==> flow/design.v <==
module mem_top (core_clk, in_write, in_wa, in_write_data, in_rd_addr, out_read_data);
  parameter integer DEPTH = 24;
  parameter integer WD = 16;
  parameter integer RP = 4;
  parameter integer WPORTS = 1;
  localparam integer ADDR_W = $clog2(DEPTH);
  input core_clk;
  input [WPORTS-1:0] in_write;
  input [WPORTS*ADDR_W-1:0] in_wa;
  input [WPORTS*WD-1:0] in_write_data;
  input [RP*ADDR_W-1:0] in_rd_addr;
  output [RP*WD-1:0] out_read_data;
  reg [WD-1:0] store [DEPTH-1:0];
  integer idx;
  always @(posedge core_clk) begin
    for (idx = 0; idx < WPORTS; idx = idx + 1)
      if (in_write[idx]) store[in_wa[idx*ADDR_W +: ADDR_W]] <= in_write_data[idx*WD +: WD];
  end
  wire [RP*WD-1:0] cur;
  genvar j;
  generate
    for (j = 0; j < RP; j = j + 1) begin : stage
      assign cur[j*WD +: WD] = store[in_rd_addr[j*ADDR_W +: ADDR_W]];
    end
  endgenerate
  assign out_read_data = cur;
endmodule
From RTL to reports: mem_top

Tool output for the members of one design family, told apart by "WPORTS", in the order of the flow.
The RTL above is that of WPORTS = 1; lines are counted from 1 in the file of the member named.
Cell names lack the library's common part.
A cell with n/a has no value.

Top module: mem_top
Clock port: core_clk
Cell library: sky130hd
Corner: tt_025C_1v80

Members of the sweep

New or changed lines of each further member against the RTL above, in its own file; lines it lacks are not shown.

New or changed lines:

| WPORTS | RTL line | text |
| 2      | 5        | `parameter integer WPORTS = 2;` |
| 3      | 5        | `parameter integer WPORTS = 3;` |
| 4      | 5        | `parameter integer WPORTS = 4;` |

After elaboration

Yosys after proc, flatten, opt, wreduce and memory -nomap, before mapping. Enables and synchronous resets that opt folds into registers are not counted as muxes. Memory bits, and registers merged into a memory's read port (data or address), are not among the register bits. Print and check cells are not counted. Equal cells are merged and count once.
Memory sizes are those after Yosys's memory passes, which may raise the word count (mostly to a power of two), join words into wider ones and drop unused or constant bits.

Bit counts:

| WPORTS | register bits | RAM bits | memory cells | input bits | output and inout port bits | cells after elaboration |
| 1      | 0             | 384      | 1            | 43         | 64                         | 4 |
| 2      | 0             | 384      | 1            | 65         | 64                         | 7 |
| 3      | 0             | 384      | 1            | 87         | 64                         | 10 |
| 4      | 0             | 384      | 1            | 109        | 64                         | 13 |

Cells by class:

| WPORTS | muxes and demuxes |
| 1      | 3 |
| 2      | 6 |
| 3      | 9 |
| 4      | 12 |

Memories:

| WPORTS | shape (words x width / read and write ports) |
| 1      | store 24x16 r4 w1 |
| 2      | store 24x16 r4 w2 |
| 3      | store 24x16 r4 w3 |
| 4      | store 24x16 r4 w4 |

Operators with widths:

| WPORTS | kind and count |
| 1      | 1 x 2-to-1 mux 16 bit; 1 x 2-to-1 mux 5 bit; 1 x 2-to-1 mux 1 bit |
| 2      | 2 x 2-to-1 mux 16 bit; 2 x 2-to-1 mux 5 bit; 2 x 2-to-1 mux 1 bit |
| 3      | 3 x 2-to-1 mux 16 bit; 3 x 2-to-1 mux 5 bit; 3 x 2-to-1 mux 1 bit |
| 4      | 4 x 2-to-1 mux 16 bit; 4 x 2-to-1 mux 5 bit; 4 x 2-to-1 mux 1 bit |

Depth

Yosys ltp: most cells in a row. Word level: on the elaborated netlist, between registers, memories and ports. Mapped: between sequential cells and ports; inverters and the memories' decode and read muxes count.

Depth:

| WPORTS | depth after elaboration | ABC_AREA | gate-level depth with buffers | gate-level depth less buffers |
| 1      | 1                       | 0        | 7                             | 4 |
| 2      | 1                       | 0        | 7                             | 4 |
| 3      | 1                       | 0        | 7                             | 4 |
| 4      | 1                       | 0        | 8                             | 4 |

Mapped cells and area

The flow's flattened synthesis, as Yosys stat reports it; memories are mapped. The netlist is that of the ABC_AREA named above (0 if unset); the other value can give another one.

Cell types:

| WPORTS | type and count |
| 1      | 384 x edfxtp_1; 256 x mux4_2; 320 x mux2i_1; 64 x a2bb2oi_1; 59 x o311ai_1; 40 x o211ai_2; 64 x a22oi_1; 65 x nand3_1; 58 x buf_2; 65 x nand2_1; 32 x buf_4; 52 x clkbuf_1; 24 x o211ai_1; 5 x buf_12; 25 x nor2_1; 12 x nor2b_1; 6 x buf_6; 8 x and2_1; [+25] |
| 2      | 384 x edfxtp_1; 256 x mux4_2; 384 x mux2_2; 320 x mux2i_1; 64 x a2bb2oi_1; 61 x o311ai_0; 138 x clkbuf_1; 64 x a22oi_1; 64 x o211ai_1; 92 x buf_2; 66 x nand3_1; 83 x nand2_1; 13 x nor2b_1; 16 x o21ai_0; 19 x buf_1; 8 x and2_1; 6 x buf_4; 6 x nand3b_1; [+36] |
| 3      | 384 x edfxtp_1; 704 x mux2i_1; 256 x mux4_2; 345 x nand2_1; 253 x o21ai_0; 144 x a21oi_1; 191 x clkbuf_1; 64 x a2bb2oi_1; 145 x nor2_1; 66 x o211ai_1; 64 x a22oi_1; 84 x buf_2; 44 x o311ai_0; 46 x buf_4; 65 x nand3_1; 16 x buf_6; 20 x o311ai_1; 9 x clkbuf_8; [+114] |
| 4      | 384 x edfxtp_1; 256 x mux4_2; 320 x mux2i_1; 384 x a211oi_1; 384 x o31ai_1; 385 x and3_1; 478 x nand2_1; 432 x nor2_1; 386 x clkbuf_1; 123 x buf_2; 64 x a2bb2oi_1; 64 x o311ai_0; 64 x a22oi_1; 64 x o211ai_1; 90 x nand3_1; 24 x a21oi_1; 14 x buf_4; 16 x or2_2; [+91] |

The mark [+n] counts cells that are not listed.

Synthesis totals:

| WPORTS | mapped cells | chip area (Yosys) (sq um) | flip-flop cells | buffer cells |
| 1      | 1564         | 24608.6                   | 384             | 165 |
| 2      | 2080         | 29153.0                   | 384             | 258 |
| 3      | 3014         | 33234.4                   | 384             | 371 |
| 4      | 4023         | 37642.4                   | 384             | 550 |

Path before layout

Source: OpenSTA report_checks on the synthesized netlist (no wires, ideal clock, input and output delay 20% of the period each), path of least setup slack; recovery checks are left aside. Register names are those of the netlist, which keeps one name where synthesis merged equal registers.

Path after synthesis:

| WPORTS | kind            | start point               | end point                     | period (ps) | setup slack (ps) | stages | delay of the path (ps) | period reached after synthesis (ps) |
| 1      | input-to-output | input port in_rd_addr[0]  | output port out_read_data[11] | 2670        | 405              | 6      | 1197                   | 2265 |
| 2      | input-to-output | input port in_rd_addr[10] | output port out_read_data[32] | 3340        | 453              | 6      | 1551                   | 2887 |
| 3      | input-to-output | input port in_rd_addr[5]  | output port out_read_data[16] | 2870        | 344              | 6      | 1378                   | 2526 |
| 4      | input-to-output | input port in_rd_addr[0]  | output port out_read_data[0]  | 3400        | 410              | 6      | 1630                   | 2990 |

"delay of the path" is the arrival time less input delay plus setup time.
At an output port there is no setup time.
"stages" counts driving pins, that of a launching flip-flop among them; a cell with two outputs on the path counts twice.
"period reached after synthesis" is the clock period less the worst setup slack; recovery checks do not enter. This is arithmetic on one report: input and output delays are still those of the set period (20% each).
The rows between start and end are the longest chain of elaborated cells between them; the timing report does not say that the signal goes this way. Where chains are equally long, one stands for them.
A line is the first line of the expression or statement that the cell stems from. Yosys adds cells for indexed reads and writes and turns some case tables into memories.
The chain passes a memory read, where the word-level depth is cut; so it can be longer than that depth.

On the way, after synthesis, WPORTS = 1:
Length of the longest elaborated chain: 1

RTL lines, path after synthesis, WPORTS = 1:

| item                      | RTL line | text |
| start: declaration        | 11       | `input [RP*ADDR_W-1:0] in_rd_addr;` |
| memory read (24 x 16 bit) | 13       | `reg [WD-1:0] store [DEPTH-1:0];` |
| end: declaration          | 12       | `output [RP*WD-1:0] out_read_data;` |

On the way, after synthesis, WPORTS = 4:
Length of the longest elaborated chain: 1

RTL lines, path after synthesis, WPORTS = 4:

| item                      | RTL line | text |
| start: declaration        | 11       | `input [RP*ADDR_W-1:0] in_rd_addr;` |
| memory read (24 x 16 bit) | 13       | `reg [WD-1:0] store [DEPTH-1:0];` |
| end: declaration          | 12       | `output [RP*WD-1:0] out_read_data;` |

Timing after layout

Path of least setup slack in the final report of each member's run (OpenROAD, finished layout, wires in). Where an end is a register, its clock arrival counts in the times.
The report prints the path's times to 10 ps; the period is as set.

Path post-layout:

| WPORTS | kind            | start point              | end point                     | period (ps) | setup slack (ps) | stages | arrival time (ps) | path buffers |
| 1      | reg-to-output   | memory store[21][14]     | output port out_read_data[30] | 2670        | -200             | 5      | 2340              | 1 |
| 2      | input-to-output | input port in_rd_addr[5] | output port out_read_data[18] | 3340        | -20              | 9      | 2690              | 6 |
| 3      | reg-to-output   | memory store[16][14]     | output port out_read_data[62] | 2870        | -420             | 7      | 2710              | 3 |
| 4      | reg-to-output   | memory store[21][5]      | output port out_read_data[21] | 3400        | -20              | 5      | 2740              | 1 |

Layout results

Settings and results of one run of the flow (Yosys, OpenROAD) for each member follow. The constraints put input and output delay at 20% of the set period each and load the outputs with 0.01 pF.

CAP_MARGIN: 20
CORE_MARGIN: 2
CORE_UTILIZATION: 40
SLEW_MARGIN: 20

Settings that differ:

| WPORTS | period_ns |
| 1      | 2.67 |
| 2      | 3.34 |
| 3      | 2.87 |
| 4      | 3.4 |

Measured results:

| WPORTS | mapped cell area after synthesis (sq um) | full die area (sq um) | standard-cell area after layout (sq um) | utilization after routing | setup slack of the critical path (ps) | total negative setup slack (ps) | total power of the final layout (mW) |
| 1      | 24608.6                                  | 63521.6               | 33586.0                                 | 0.554                     | -203                                  | -2201                           | 16.390 |
| 2      | 29153.0                                  | 75056.8               | 36663.9                                 | 0.51                      | -19                                   | -22                             | 14.062 |
| 3      | 33234.4                                  | 85407.1               | 43365.3                                 | 0.528                     | -417                                  | -5382                           | 17.710 |
| 4      | 37642.4                                  | 96574.9               | 46473.3                                 | 0.498                     | -23                                   | -41                             | 14.696 |

By "total power of the final layout" is meant OpenSTA's value without simulated activity: inputs other than the clock are taken to toggle once in ten clock periods, and the tool carries that through the logic.
